==> flow/design.v <==
module alu_rf (clk, we_in, write_addr_in, din_in, raddr0_in, raddr1_in, rdata0_out, rdata1_out);
    parameter ENTRIES = 6;
    parameter DW = 20;
    localparam ADDR_WIDTH = $clog2(ENTRIES);
    input clk;
    input we_in;
    input [ADDR_WIDTH-1:0] write_addr_in;
    input [DW-1:0] din_in;
    input [ADDR_WIDTH-1:0] raddr0_in;
    input [ADDR_WIDTH-1:0] raddr1_in;
    output [DW-1:0] rdata0_out;
    output [DW-1:0] rdata1_out;
    reg [DW-1:0] regs [0:ENTRIES-1];
    always @(posedge clk) begin
        if (we_in)
            regs[write_addr_in] <= din_in;
    end
    assign rdata0_out = (we_in && write_addr_in == raddr0_in) ? din_in : regs[raddr0_in];
    assign rdata1_out = (we_in && write_addr_in == raddr1_in) ? din_in : regs[raddr1_in];
endmodule
Step by step through the tools: alu_rf --
What the tools print for alu_rf, step after step. Lines are those of the file above, counted from 1. Operators: Yosys type, input widths -> output width; for muxes data width and select width s. Cell names lack the library's common part. A cell with -- has no value.
Design: top module alu_rf, clock port clk, cell library sky130hd, timing corner tt_025C_1v80

After elaboration --
Yosys after proc, flatten, opt, wreduce and memory -nomap, before mapping. Enables and synchronous resets that opt folds into registers are not counted as muxes. Memory bits, and registers merged into a memory's read port (data or address), are not among the register bits. Print and check cells are not counted. Equal cells are merged and count once. Memory sizes are those after Yosys's memory passes, which may raise the word count (mostly to a power of two), join words into wider ones and drop unused or constant bits.
Operators by class: muxes and demuxes 5, reduce/logical cells 2, equality and inequality tests 2
Operators by type and width (count):
- $mux 20 | 3
- $eq 3x3->1 | 2
- $mux 3 | 1
- $logic_and 1x1->1 | 2
- $mux 1 | 1
Word-level totals: output and inout port bits 40, input bits 31, elaborated cells 10, bits in writable memories 120, memories kept 1, flip-flop bits (word level) 0
Memories:
- regs | depth 6, width 20, rd ports 2, wr ports 1, RTL line 13 | reg [DW-1:0] regs [0:ENTRIES-1];

Logic depth --
Longest topological path by Yosys (ltp), each cell counted once; first at word level (registers and memories cut), then after technology mapping (sequential cells cut; the memories' decode and read muxes count).
Logic depth: depth in word-level cells 3, ABC_AREA 0, mapped depth 7, gate-level depth less buffers 4

Synthesis result --
The flow's flattened synthesis, as Yosys stat reports it; memories are mapped. The netlist is that of the ABC_AREA named above (0 if unset); the other value can give another one. The area totals of this step are shown rounded.
Cells by type:
- edfxtp_1 | count 120, area in all 3.6E+03 µm²
- mux2i_1 | count 120, area in all 1.2E+03 µm²
- a21oi_2 | count 40, area in all 350.336 µm²
- a22o_1 | count 40, area in all 350.336 µm²
- a22oi_1 | count 40, area in all 300.288 µm²
- buf_2 | count 20, area in all 100.096 µm²
- xnor2_1 | count 6, area in all 52.55 µm²
- buf_12 | count 2, area in all 40.038 µm²
- buf_4 | count 5, area in all 37.536 µm²
- buf_6 | count 3, area in all 33.782 µm²
- buf_8 | count 2, area in all 30.029 µm²
- clkbuf_1 | count 8, area in all 30.029 µm²
- and4_1 | count 2, area in all 17.517 µm²
- nor2_1 | count 4, area in all 15.014 µm²
- nand2b_1 | count 2, area in all 12.512 µm²
- nor2b_1 | count 2, area in all 12.512 µm²
- and4b_1 | count 1, area in all 10.01 µm²
- nor3_1 | count 2, area in all 10.01 µm²
Not listed: further types 2, cells in them 2.
Mapped netlist: buffer cells 40, mapped cells 421, sequential area 3600 µm², flip-flops 120, mapped area 6200 µm²

Timing after synthesis --
OpenSTA on the mapped netlist: ideal clock, no wires. The path of least setup slack (recovery checks aside). Input and output delay are each 20% of the period. Register names are those of the netlist, which keeps one name where synthesis merged equal registers.
Timing path after synthesis: path type input -> register, start point input write_addr_in[2], end point memory regs[2][0], external input delay 0.668 ns, path slack 0.535 ns, path buffers 0, required time 2.914 ns, setup time 0.426 ns, period 3.34 ns, time at the first pin 0.668 ns, path delay 2.137 ns, data arrival time 2.379 ns, stages on the path 2, period reached after synthesis 2.805 ns
"path delay" is the arrival time less input delay plus setup time. "stages on the path" counts driving pins, that of a launching flip-flop among them; a cell with two outputs on the path counts twice. "period reached after synthesis" = period - worst setup slack (recovery checks aside). The figure is calculated, with input and output delays left at 20% of the set period. The rows between start and end are the longest chain of elaborated cells between them; the timing report does not say that the signal goes this way. Where chains are equally long, one stands for them. A line is the first line of the expression or statement that the cell stems from. Yosys adds cells for indexed reads and writes and turns some case tables into memories.
Between the ends, after synthesis: path through nand2b_1 -> nor3b_1, length of the longest elaborated chain 1, elaborated cells between the ends (all ways) 1, source lines of those cells 1, those cells by class mux (1)
RTL lines, path after synthesis:
- start: declaration | RTL line 7 | input [ADDR_WIDTH-1:0] write_addr_in;
- $mux 3 | RTL line 15 | if (we_in)
- end: declaration | RTL line 13 | reg [DW-1:0] regs [0:ENTRIES-1];

Worst path after layout --
From the final timing report of run 1: the path of least setup slack in the routed layout; clock arrival at registers is part of the times.
Timing path post-layout: path type input -> output, start point input raddr0_in[2], end point output rdata0_out[18], data arrival time 2.64 ns, required time 2.67 ns, time at the first pin 0.67 ns, stages on the path 7, period 3.34 ns, path slack 0.03 ns, output delay 0.67 ns, external input delay 0.67 ns, path buffers 4
The rows between start and end are the longest chain of elaborated cells between them; the timing report does not say that the signal goes this way. Where chains are equally long, one stands for them.
Between the ends, post-layout: path through clkdlybuf4s50_1 -> buf_4 -> nor2_1 -> buf_4 -> a22oi_1 -> a22o_1 -> clkdlybuf4s50_1, length of the longest elaborated chain 3, elaborated cells between the ends (all ways) 4, source lines of those cells 2, those cells by class eq/ne (1); mux (1); reduce/logical (1); memory (1)
RTL lines, path post-layout:
- start: declaration | RTL line 9 | input [ADDR_WIDTH-1:0] raddr0_in;
- $eq 3x3->1 | RTL line 18 | assign rdata0_out = (we_in && write_addr_in == raddr0_in) ? din_in : regs[raddr0_in];
- $logic_and 1x1->1 | RTL line 18
- $mux 20 | RTL line 18
- end: declaration | RTL line 11 | output [DW-1:0] rdata0_out;

--- measured runs ---
Record of 3 stored runs of the RTL-to-layout flow on alu_rf, platform sky130hd. The runs are unordered. Constraints: input delay and output delay 20% of the set period each, output load 0.01 pF.
"achieved clock period" is the run's clock period less its worst setup slack. It is reckoned from that one timing run; input and output delays stay at 20% of the period that was set.
"worst path time" = time allowed to the worst setup path (clock period - input delay - output delay, where it has them) - its slack; a late launch clock adds to it, a late capture clock takes from it.
By "power" is meant OpenSTA's value without simulated activity: inputs other than the clock are taken to toggle once in ten clock periods, and the tool carries that through the logic.
Values from the reports are rounded here.

* Run 1 | settings: period_ns 3.34; CAP_MARGIN 20; CORE_MARGIN 2; CORE_UTILIZATION 40; SLEW_MARGIN 20 | results: worst hold slack in the final report 1.0 ns; worst setup slack after layout 0.032 ns; power 4,300 µW; total die area 17,000 µm²; achieved clock period 3.308 ns; total negative slack 0.000 ns; cell area after synthesis 6,200 µm²; worst path time 1.97 ns; worst setup path kind input -> output; standard-cell area of the final layout 7,900 µm²; utilization 52%
* Run 2 | settings: period_ns 3.17; CORE_UTILIZATION 25; SETUP_SLACK_MARGIN -0.25; PLACE_DENSITY_LB_ADDON 0.23; CORE_MARGIN 3; GPL_TIMING_DRIVEN 1; GPL_ROUTABILITY_DRIVEN 0; CTS_CLUSTER_SIZE 98; SLEW_MARGIN 20; MIN_ROUTING_LAYER met2; CAP_MARGIN 20 | results: worst hold slack in the final report 0.97 ns; worst setup slack after layout -0.13 ns; power 4,200 µW; total die area 27,000 µm²; achieved clock period 3.302 ns; total negative slack -3.2 ns; cell area after synthesis 6,200 µm²; worst path time 2.03 ns; worst setup path kind input -> output; standard-cell area of the final layout 8,000 µm²; utilization 33%
* Run 3 | settings: period_ns 2.56; CORE_UTILIZATION 20; SETUP_SLACK_MARGIN 0.21; PLACE_DENSITY_LB_ADDON 0.25; CORE_ASPECT_RATIO 1.6; CORE_MARGIN 10; GPL_TIMING_DRIVEN 0; CTS_CLUSTER_SIZE 11; CAP_MARGIN 35; MIN_ROUTING_LAYER met2; SLEW_MARGIN 20 | results: worst hold slack in the final report 0.49 ns; worst setup slack after layout 0.20 ns; power 5,200 µW; total die area 39,000 µm²; achieved clock period 2.357 ns; total negative slack 0.000 ns; cell area after synthesis 6,200 µm²; worst path time 1.33 ns; worst setup path kind input -> output; standard-cell area of the final layout 8,300 µm²; utilization 27%
--- end ---
